==> flow/design.v <==
module cmp4 (
  input logic [3:0] a,
  input logic [3:0] b,
  input logic gi,
  input logic ei,
  output logic go,
  output logic eo
);
  assign go = (a > b) | ((a == b) & gi);
  assign eo = (a == b) & ei;
endmodule
module u_mag_cmp_blk #(
  parameter DATA_WIDTH = 16
) (
  input  logic core_clk,
  input  logic en,
  input  logic [DATA_WIDTH-1:0] A,
  input  logic [DATA_WIDTH-1:0] B,
  output logic a_gt_b,
  output logic is_eq
);
  logic [DATA_WIDTH-1:0] A_s;
  logic [DATA_WIDTH-1:0] B_s;
  always_ff @(posedge core_clk) begin
    if (en) begin
      A_s <= A;
      B_s <= B;
    end
  end
  localparam NBLK = DATA_WIDTH / 4;
  logic [NBLK:0] g;
  logic [NBLK:0] e;
  assign g[0] = 1'b0;
  assign e[0] = 1'b1;
  for (genvar gi = 0; gi < NBLK; gi++) begin : u_g
    cmp4 el (.a(A_s[4*gi +: 4]), .b(B_s[4*gi +: 4]), .gi(g[gi]), .ei(e[gi]), .go(g[gi+1]), .eo(e[gi+1]));
  end
  assign a_gt_b = g[NBLK];
  assign is_eq = e[NBLK];
endmodule
* Tool chain data of u_mag_cmp_blk
Tool output for the design above, in the order of the flow. Lines are those of the file above, counted from 1. Library cell names are shortened. A cell with - has no value.
Set-up: top u_mag_cmp_blk, clock port core_clk, cell library sky130hd, corner tt_025C_1v80

* Elaborated design
Counts by Yosys on the flattened word-level netlist (proc, flatten, opt, wreduce; memories kept). Register bits leave out memories and registers merged into their read ports (data or address); mux counts leave out enables and synchronous resets folded into registers. Print and check cells are left out. Cells with the same type and inputs are merged into one.
Storage and ports: flip-flop bits (word level) 32, output and inout bits 2, cells after elaboration 19
Operators by class: order comparisons 4, equal/unequal tests 4, bitwise operators 9
Operators by type and width (number):
- greater-than comparator 4 bit | 4
- equality test 4 bit | 4
- bitwise AND 1 bit | 6
- OR 1 bit | 3

* Longest topological paths
Longest topological path by Yosys (ltp), each cell counted once; first at word level (registers and memories cut), then after technology mapping (sequential cells cut; the memories' decode and read muxes count).
Depth: depth in word-level cells 7, ABC_AREA 0, depth in mapped cells 7, depth with buffers taken out 7

* Netlist
Yosys stat after the flow's synthesis: flattened, memories mapped to cells. It holds for the ABC_AREA given above (unset counts as 0); a run with the other value may have another netlist. Totals and module areas in this step are rounded.
Cell types:
- edfxtp_1 | number 32, total area 960.922 sq um
- ha_1 | number 16, total area 200.192 sq um
- inv_1 | number 18, total area 67.565 sq um
- o21ai_0 | number 6, total area 30.029 sq um
- a21oi_1 | number 4, total area 20.019 sq um
- nand4_1 | number 3, total area 18.768 sq um
- nand4_2 | number 1, total area 12.512 sq um
- nor2_1 | number 3, total area 11.261 sq um
- o21ai_1 | number 2, total area 10.01 sq um
- and2b_2 | number 1, total area 8.758 sq um
- nand3b_1 | number 1, total area 7.507 sq um
- nor3b_1 | number 1, total area 7.507 sq um
- a31oi_1 | number 1, total area 6.256 sq um
- nand2b_1 | number 1, total area 6.256 sq um
- nor4_1 | number 1, total area 6.256 sq um
- nor3_1 | number 1, total area 5.005 sq um
- nand2_1 | number 1, total area 3.754 sq um
Synthesis totals: cells in the netlist 93, mapped area 0.001383 sq mm, sequential area 0.0009609 sq mm, flip-flops 32
By module: a second synthesis without flattening, with its own total; a netlist apart from the flattened one above.
Second synthesis, totals: cells (unflattened synthesis) 98, area total of the unflattened synthesis 0.001399 sq mm
Rows give one instance, submodules left out.
Modules:
- u_mag_cmp_blk | times used 1, cells 34, area 0.0009684 sq mm, sequential area 0.0009609 sq mm
- cmp4 | times used 4, cells 16, area 0.0001076 sq mm, sequential area 0 sq mm

* Path before layout
Source: OpenSTA report_checks on the synthesized netlist (no wires, ideal clock, input and output delay 20% of the period each), path of least setup slack; recovery checks are left aside. Register names are those of the netlist, which keeps one name where synthesis merged equal registers.
Path after synthesis: path kind register -> output, start register A_s[11], end output port a_gt_b, clock period 1960 ps, launch time at the first pin 0 ps, data arrival time 1256 ps, path slack 312 ps, path delay 1256 ps, stages 7, path buffers 0, synthesis period reached 1648 ps
"path delay" = arrival - input delay + setup time. At an output port there is no setup time. "stages" counts driving pins, that of a launching flip-flop among them; a cell with two outputs on the path counts twice. "synthesis period reached" is the clock period less the worst setup slack; recovery checks do not enter. This is arithmetic on one report: input and output delays are still those of the set period (20% each). The rows between start and end are the longest chain of elaborated cells between them; the timing report does not say that the signal goes this way. Where chains are equally long, one stands for them. Each line given opens the expression or statement behind the cell; cells for indexed reads and writes are added by Yosys, which also makes memories of some case tables.
Between the ends, after synthesis: cell sequence edfxtp_1 -> ha_1 -> nand4_1 -> nor3b_1 -> o21ai_1 -> o21ai_1 -> a31oi_1, length of the longest elaborated chain 5, elaborated cells between the ends (all ways) 6, classes of those cells compare: 1; eq/ne: 1; logic: 4
RTL lines, path after synthesis:
- start, declared | line 22 | logic [DATA_WIDTH-1:0] A_s;
- start, assigned | line 26 | A_s <= A;
- equality test 4 bit | line 9 | assign go = (a > b) | ((a == b) & gi);
- bitwise AND 1 bit | line 9
- OR 1 bit | line 9
- bitwise AND 1 bit | line 9
- OR 1 bit | line 9
- end, declared | line 19 | output logic a_gt_b,

* Timing after layout
From the final timing report of job 1: the path of least setup slack in the routed layout; clock arrival at registers is part of the times. The report prints the path's times to 10 ps; the period is as set.
Path post-layout: path kind register -> output, start register A_s[10], end output port a_gt_b, clock period 1960 ps, launch time at the first pin 330 ps, data arrival time 1760 ps, path slack -190 ps, stages 8, path buffers 1
The rows between start and end are the longest chain of elaborated cells between them; the timing report does not say that the signal goes this way. Where chains are equally long, one stands for them.
Between the ends, post-layout: cell sequence edfxtp_1 -> ha_1 -> nand4_1 -> nor3b_2 -> o21ai_1 -> o21ai_1 -> a31oi_1 -> buf_2, length of the longest elaborated chain 5, elaborated cells between the ends (all ways) 6, classes of those cells compare: 1; eq/ne: 1; logic: 4
RTL lines, path post-layout:
- start, declared | line 22 | logic [DATA_WIDTH-1:0] A_s;
- start, assigned | line 26 | A_s <= A;
- equality test 4 bit | line 9 | assign go = (a > b) | ((a == b) & gi);
- bitwise AND 1 bit | line 9
- OR 1 bit | line 9
- bitwise AND 1 bit | line 9
- OR 1 bit | line 9
- end, declared | line 19 | output logic a_gt_b,

Measured data: module u_mag_cmp_blk, platform sky130hd, 3 stored runs of the flow under differing settings, order arbitrary. Input and output delays are each 20% of the period that was set; the output load is 0.01 pF.
"clock period reached" means the clock period less the worst setup slack. The figure is calculated, with input and output delays left at 20% of the set period.
Measured values are rounded.

[job 1] flow files
==> flow/run.sh <==
#!/bin/bash
# the make line also repeats the synthesis and layout settings of config.mk as NAME=value (left out here)
make -C /OpenROAD-flow-scripts/flow DESIGN_CONFIG=/design/flow/config.mk WORK_HOME=/design/flow/orfs CLKGATE_MAP_FILE= finish
==> flow/config.mk <==
export PLATFORM = sky130hd
export DESIGN_NAME = u_mag_cmp_blk
export DESIGN_NICKNAME = u_mag_cmp_blk
export VERILOG_FILES = /design/flow/design.v
export SDC_FILE = /design/flow/constraint.sdc
export NUM_CORES = 4
export LEC_CHECK = 0
export CAP_MARGIN = 20
export CORE_MARGIN = 2
export CORE_UTILIZATION = 40
export SLEW_MARGIN = 20
==> flow/constraint.sdc <==
create_clock -name core_clock -period 1.96 [get_ports {core_clk}]
set_input_delay 0.3920 -clock core_clock [delete_from_list [all_inputs] [get_ports {core_clk}]]
set_output_delay 0.3920 -clock core_clock [all_outputs]
set_load 0.01 [all_outputs]

[job 1] result: post-synthesis cell area 0.001383 sq mm; area of the die 0.003943 sq mm; standard-cell area after layout 0.001873 sq mm; utilization 56.1 %; worst slack on setup checks -193 ps; total negative setup slack -352 ps; clock period reached 2153 ps

[job 2] flow files
==> flow/run.sh <==
#!/bin/bash
# the make line also repeats the synthesis and layout settings of config.mk as NAME=value (left out here)
make -C /OpenROAD-flow-scripts/flow DESIGN_CONFIG=/design/flow/config.mk WORK_HOME=/design/flow/orfs CLKGATE_MAP_FILE= finish
==> flow/config.mk <==
export PLATFORM = sky130hd
export DESIGN_NAME = u_mag_cmp_blk
export DESIGN_NICKNAME = u_mag_cmp_blk
export VERILOG_FILES = /design/flow/design.v
export SDC_FILE = /design/flow/constraint.sdc
export NUM_CORES = 4
export LEC_CHECK = 0
export CAP_MARGIN = 20
export CORE_MARGIN = 2
export CORE_UTILIZATION = 35
export GPL_ROUTABILITY_DRIVEN = 0
export GPL_TIMING_DRIVEN = 1
export MAX_ROUTING_LAYER = met5
export PLACE_DENSITY = 0.73
export SLEW_MARGIN = 40
==> flow/constraint.sdc <==
create_clock -name core_clock -period 0.999 [get_ports {core_clk}]
set_input_delay 0.1998 -clock core_clock [delete_from_list [all_inputs] [get_ports {core_clk}]]
set_output_delay 0.1998 -clock core_clock [all_outputs]
set_load 0.01 [all_outputs]

[job 2] result: post-synthesis cell area 0.001383 sq mm; area of the die 0.004469 sq mm; standard-cell area after layout 0.001949 sq mm; utilization 52.5 %; worst slack on setup checks -871 ps; total negative setup slack -1701 ps; clock period reached 1870 ps

[job 3] flow files
==> flow/run.sh <==
#!/bin/bash
# the make line also repeats the synthesis and layout settings of config.mk as NAME=value (left out here)
make -C /OpenROAD-flow-scripts/flow DESIGN_CONFIG=/design/flow/config.mk WORK_HOME=/design/flow/orfs CLKGATE_MAP_FILE= finish
==> flow/config.mk <==
export PLATFORM = sky130hd
export DESIGN_NAME = u_mag_cmp_blk
export DESIGN_NICKNAME = u_mag_cmp_blk
export VERILOG_FILES = /design/flow/design.v
export SDC_FILE = /design/flow/constraint.sdc
export NUM_CORES = 4
export LEC_CHECK = 0
export ABC_AREA = 0
export CAP_MARGIN = 5
export CELL_PAD_IN_SITES_GLOBAL_PLACEMENT = 1
export CORE_ASPECT_RATIO = 1.88
export CORE_MARGIN = 9
export CORE_UTILIZATION = 19
export CTS_CLUSTER_DIAMETER = 289
export GPL_TIMING_DRIVEN = 0
export MAX_ROUTING_LAYER = met4
export PLACE_DENSITY_LB_ADDON = 0.07
export SETUP_SLACK_MARGIN = 0.4
export SLEW_MARGIN = 20
==> flow/constraint.sdc <==
create_clock -name core_clock -period 1.64 [get_ports {core_clk}]
set_input_delay 0.3280 -clock core_clock [delete_from_list [all_inputs] [get_ports {core_clk}]]
set_output_delay 0.3280 -clock core_clock [all_outputs]
set_load 0.01 [all_outputs]

[job 3] result: post-synthesis cell area 0.001383 sq mm; area of the die 0.01083 sq mm; standard-cell area after layout 0.002033 sq mm; utilization 28.9 %; worst slack on setup checks -414 ps; total negative setup slack -752 ps; clock period reached 2054 ps
